==> flow/design.v <==
module u_adder_stage #(
    parameter BITS = 24,
    parameter G = 8
) (
    input  wire clock,
    input  wire i_rst,
    input  wire [BITS-1:0] din,
    input  wire load,
    output wire [BITS+G-1:0] q
);
    reg [BITS+G-1:0] accum;
    always @(posedge clock or posedge i_rst) begin
        if (i_rst) begin
            accum <= 0;
        end else begin
            accum <= load ? 0 : accum + din;
        end
    end
    assign q = accum;
endmodule
# Reports on u_adder_stage
# What the tools print for u_adder_stage, step after step.
# Line numbers count from 1 in the design file above.
# Operators: Yosys type, input widths -> output width; for muxes data width and select width s.
# The mark -- stands for no value.
dict set report setup {
  design {u_adder_stage}
  clock_port {clock}
  lib {sky130hd}
  corner {tt_025C_1v80}
}

# Word-level counts
# Source: Yosys, flattened and elaborated, memories not mapped. Widths are those after wreduce; folded enables and synchronous resets count as part of the registers. Registers that Yosys merges into a memory's read port (data or address) are not register bits. Print and check cells do not count. Equal cells are merged and count once.
dict set report classes {
  reduce_and_logical 0
  shifts 0
  cmp 0
  mux 1
  multipliers 0
  eq_ne 0
  addsub 1
  bitwise 0
  div 0
}
# op n
set op_table {}
lappend op_table {{$add 32x24->32} 1}
lappend op_table {{$mux 32} 1}
dict set report bits {
  output_inout_bits 32
  latchBits 0
  wordCells 3
  mem_bits_rw 0
  romBits 0
  n_memories 0
  in_bits 27
  clocked_rd_ports_x_width 0
  regBits 32
}

# Longest topological paths
# Yosys ltp: most cells in a row. Word level: on the elaborated netlist, between registers, memories and ports. Mapped: between sequential cells and ports; inverters and the memories' decode and read muxes count.
dict set report logic_depth {
  word_depth 2
  ABC_AREA 0
  mapped_depth 10
  ltp_nobuf 10
}

# After synthesis
# Yosys stat after the flow's synthesis: flattened, memories mapped to cells. It holds for the ABC_AREA given above (unset counts as 0); a run with the other value may have another netlist.
# The area totals of this step are shown rounded.
dict set report mapped {
  ff_cells 32
  cells 292
  seq_area_um2 800
  mapped_area_um2 2500
}
# cell_type n
set by_type {}
lappend by_type {sky130_fd_sc_hd__dfrtp_1 32}
lappend by_type {sky130_fd_sc_hd__ha_1 24}
lappend by_type {sky130_fd_sc_hd__nor2_1 38}
lappend by_type {sky130_fd_sc_hd__a21oi_1 27}
lappend by_type {sky130_fd_sc_hd__xnor2_1 10}
lappend by_type {sky130_fd_sc_hd__xor2_1 9}
lappend by_type {sky130_fd_sc_hd__o21ai_0 14}
lappend by_type {sky130_fd_sc_hd__a21o_1 9}
lappend by_type {sky130_fd_sc_hd__nand2_1 18}
lappend by_type {sky130_fd_sc_hd__inv_1 15}
lappend by_type {sky130_fd_sc_hd__nand4_1 7}
lappend by_type {sky130_fd_sc_hd__or3_1 7}
lappend by_type {sky130_fd_sc_hd__nor2b_1 6}
lappend by_type {sky130_fd_sc_hd__nand3_1 7}
lappend by_type {sky130_fd_sc_hd__nand2b_1 4}
lappend by_type {sky130_fd_sc_hd__a211oi_1 3}
lappend by_type {sky130_fd_sc_hd__nand3b_1 3}
lappend by_type {sky130_fd_sc_hd__o211ai_1 3}
# Other cell types: 36; their cells: 56.

# Path before layout
# Path of least setup slack by OpenSTA after synthesis, without wires, with an ideal clock, recovery checks aside; 20% of the period is set as input and as output delay. Where synthesis merged equal registers, the netlist keeps one of their names.
dict set report synth_path {
  path_type {input -> register}
  startpoint {in din[14]}
  endpoint {reg accum[25]}
  t_first_pin_ns 0.614
  driving_pins 9
  period_ns 3.07
  setup_ns 0.071
  arrival_time_ns 2.505
  input_delay_ns 0.614
  slack_ns 0.494
  path_delay_ns 1.962
  period_less_setup_slack_ns 2.576
}
# "path_delay_ns" is the arrival time less input delay plus setup time.
# "driving_pins" counts driving pins, that of a launching flip-flop among them; a cell with two outputs on the path counts twice.
# "period_less_setup_slack_ns" is the clock period less the worst setup slack; recovery checks do not enter. This is arithmetic on one report: input and output delays are still those of the set period (20% each).
# Between the ends stands the longest chain of elaborated cells between them, by number of cells; it is not shown to be the way that was timed. Of several equally long chains one is given.
# Each line given opens the expression or statement behind the cell; cells for indexed reads and writes are added by Yosys, which also makes memories of some case tables.
dict set report synth_via {
  path_cell_list {sky130_fd_sc_hd__ha_1 > sky130_fd_sc_hd__buf_4 > sky130_fd_sc_hd__nand2_2 > sky130_fd_sc_hd__or3_4 > sky130_fd_sc_hd__or2_1 > sky130_fd_sc_hd__or3_4 > sky130_fd_sc_hd__o21ai_2 > sky130_fd_sc_hd__mux2_1 > sky130_fd_sc_hd__nand4_1}
  elab_chain_cells 2
  cells_between 2
  cone_lines 1
  cone_classes {1 x add/sub; 1 x mux}
}
# element line
set synth_lines {}
lappend synth_lines {{from (decl)} 7} ;# input  wire [BITS-1:0] din,
lappend synth_lines {{$add 32x24->32} 16} ;# accum <= load ? 0 : accum + din;
lappend synth_lines {{$mux 32} 16}
lappend synth_lines {{to (assign)} 14} ;# accum <= 0;
lappend synth_lines {{to (assign)} 16}
lappend synth_lines {{to (decl)} 11} ;# reg [BITS+G-1:0] accum;

# Worst path after layout
# Path of least setup slack in the final report of run 1 (OpenROAD, finished layout, wires in). Where an end is a register, its clock arrival counts in the times.
dict set report layout_path {
  path_type {register -> register}
  startpoint {reg accum[9]}
  endpoint {reg accum[24]}
  t_first_pin_ns 0.31
  period_ns 2.16
  slack_ns -0.34
  driving_pins 10
  arrival_time_ns 2.70
  setup_ns 0.11
}
# Between the ends stands the longest chain of elaborated cells between them, by number of cells; it is not shown to be the way that was timed. Of several equally long chains one is given.
dict set report layout_via {
  path_cell_list {sky130_fd_sc_hd__dfrtp_1 > sky130_fd_sc_hd__ha_4 > sky130_fd_sc_hd__buf_4 > sky130_fd_sc_hd__o211ai_1 > sky130_fd_sc_hd__nor2_1 > sky130_fd_sc_hd__o211ai_1 > sky130_fd_sc_hd__and3_4 > sky130_fd_sc_hd__o221ai_4 > sky130_fd_sc_hd__xnor2_1 > sky130_fd_sc_hd__nor2_1}
  elab_chain_cells 2
  cells_between 2
  cone_lines 1
  cone_classes {1 x add/sub; 1 x mux}
}
# element line
set layout_lines {}
lappend layout_lines {{from (decl)} 11} ;# reg [BITS+G-1:0] accum;
lappend layout_lines {{from (assign)} 14} ;# accum <= 0;
lappend layout_lines {{from (assign)} 16} ;# accum <= load ? 0 : accum + din;
lappend layout_lines {{$add 32x24->32} 16}
lappend layout_lines {{$mux 32} 16}
lappend layout_lines {{to (assign)} 14}
lappend layout_lines {{to (assign)} 16}
lappend layout_lines {{to (decl)} 11}

Subject: flow runs of u_adder_stage

Hi,

Design u_adder_stage on sky130hd. What follows are 3 stored runs of the flow, each under its own settings; their order means nothing. The constraints put input and output delay at 20% of the set period each and load the outputs with 0.01 pF.
"timing.achieved_period_ns" is the run's clock period less its worst setup slack. It is reckoned from that one timing run; input and output delays stay at 20% of the period that was set.
"worst_path_allowed_less_slack_ns" means the part of the period allowed to the worst setup path (the constraints hold back 20% at inputs and 20% at outputs) less its slack; where the path has registers, the arrival times of their clocks count too.
"final_power_uw" rests on the timing tool's default activity at the inputs, not on a simulated workload.
The measured numbers are rounded.

# run 1
==> flow/run.sh <==
#!/bin/bash
# the make line also repeats the synthesis and layout settings of config.mk as NAME=value (left out here)
make -C /OpenROAD-flow-scripts/flow DESIGN_CONFIG=/design/flow/config.mk WORK_HOME=/design/flow/orfs CLKGATE_MAP_FILE= finish
==> flow/config.mk <==
export PLATFORM = sky130hd
export DESIGN_NAME = u_adder_stage
export DESIGN_NICKNAME = u_adder_stage
export VERILOG_FILES = /design/flow/design.v
export SDC_FILE = /design/flow/constraint.sdc
export NUM_CORES = 4
export LEC_CHECK = 0
export ABC_AREA = 0
export CAP_MARGIN = 20
export CELL_PAD_IN_SITES_DETAIL_PLACEMENT = 2
export CORE_MARGIN = 2
export CORE_UTILIZATION = 25
export CTS_CLUSTER_SIZE = 29
export GPL_TIMING_DRIVEN = 1
export PLACE_DENSITY_LB_ADDON = 0.11
export SETUP_SLACK_MARGIN = 0.15
export SLEW_MARGIN = 20
==> flow/constraint.sdc <==
create_clock -name core_clock -period 2.16 [get_ports {clock}]
set_input_delay 0.4320 -clock core_clock [delete_from_list [all_inputs] [get_ports {clock}]]
set_output_delay 0.4320 -clock core_clock [all_outputs]
set_load 0.01 [all_outputs]

==> run 1: results <==
setup_tns_ns=-3.3
fin_ws_ns=-0.34
synth_chip_area_um2=2500
worst_path_allowed_less_slack_ns=2.50
critical_path_type="register -> register"
final_power_uw=6600
timing.achieved_period_ns=2.501
die_footprint_um2=11000
layout_stdcell_area_um2=4900
post_route_util_pct=50

# run 2
==> flow/run.sh <==
#!/bin/bash
# the make line also repeats the synthesis and layout settings of config.mk as NAME=value (left out here)
make -C /OpenROAD-flow-scripts/flow DESIGN_CONFIG=/design/flow/config.mk WORK_HOME=/design/flow/orfs CLKGATE_MAP_FILE= finish
==> flow/config.mk <==
export PLATFORM = sky130hd
export DESIGN_NAME = u_adder_stage
export DESIGN_NICKNAME = u_adder_stage
export VERILOG_FILES = /design/flow/design.v
export SDC_FILE = /design/flow/constraint.sdc
export NUM_CORES = 4
export LEC_CHECK = 0
export CAP_MARGIN = 20
export CORE_MARGIN = 2
export CORE_UTILIZATION = 40
export SLEW_MARGIN = 20
==> flow/constraint.sdc <==
create_clock -name core_clock -period 3.07 [get_ports {clock}]
set_input_delay 0.6140 -clock core_clock [delete_from_list [all_inputs] [get_ports {clock}]]
set_output_delay 0.6140 -clock core_clock [all_outputs]
set_load 0.01 [all_outputs]

==> run 2: results <==
setup_tns_ns=0.000
fin_ws_ns=0.22
synth_chip_area_um2=2500
worst_path_allowed_less_slack_ns=2.23
critical_path_type="input -> register"
final_power_uw=2800
timing.achieved_period_ns=2.846
die_footprint_um2=6900
layout_stdcell_area_um2=3400
post_route_util_pct=57

# run 3
==> flow/run.sh <==
#!/bin/bash
# the make line also repeats the synthesis and layout settings of config.mk as NAME=value (left out here)
make -C /OpenROAD-flow-scripts/flow DESIGN_CONFIG=/design/flow/config.mk WORK_HOME=/design/flow/orfs CLKGATE_MAP_FILE= finish
==> flow/config.mk <==
export PLATFORM = sky130hd
export DESIGN_NAME = u_adder_stage
export DESIGN_NICKNAME = u_adder_stage
export VERILOG_FILES = /design/flow/design.v
export SDC_FILE = /design/flow/constraint.sdc
export NUM_CORES = 4
export LEC_CHECK = 0
export CAP_MARGIN = 20
export CELL_PAD_IN_SITES_GLOBAL_PLACEMENT = 0
export CORE_ASPECT_RATIO = 1.68
export CORE_MARGIN = 6
export CORE_UTILIZATION = 40
export CTS_CLUSTER_SIZE = 98
export HOLD_SLACK_MARGIN = 0.21
export MIN_ROUTING_LAYER = met1
export SETUP_SLACK_MARGIN = 0.35
export SLEW_MARGIN = 20
==> flow/constraint.sdc <==
create_clock -name core_clock -period 3.02 [get_ports {clock}]
set_input_delay 0.6040 -clock core_clock [delete_from_list [all_inputs] [get_ports {clock}]]
set_output_delay 0.6040 -clock core_clock [all_outputs]
set_load 0.01 [all_outputs]

==> run 3: results <==
setup_tns_ns=0.000
fin_ws_ns=0.42
synth_chip_area_um2=2500
worst_path_allowed_less_slack_ns=1.99
critical_path_type="input -> register"
final_power_uw=3200
timing.achieved_period_ns=2.596
die_footprint_um2=8400
layout_stdcell_area_um2=3700
post_route_util_pct=63

Regards
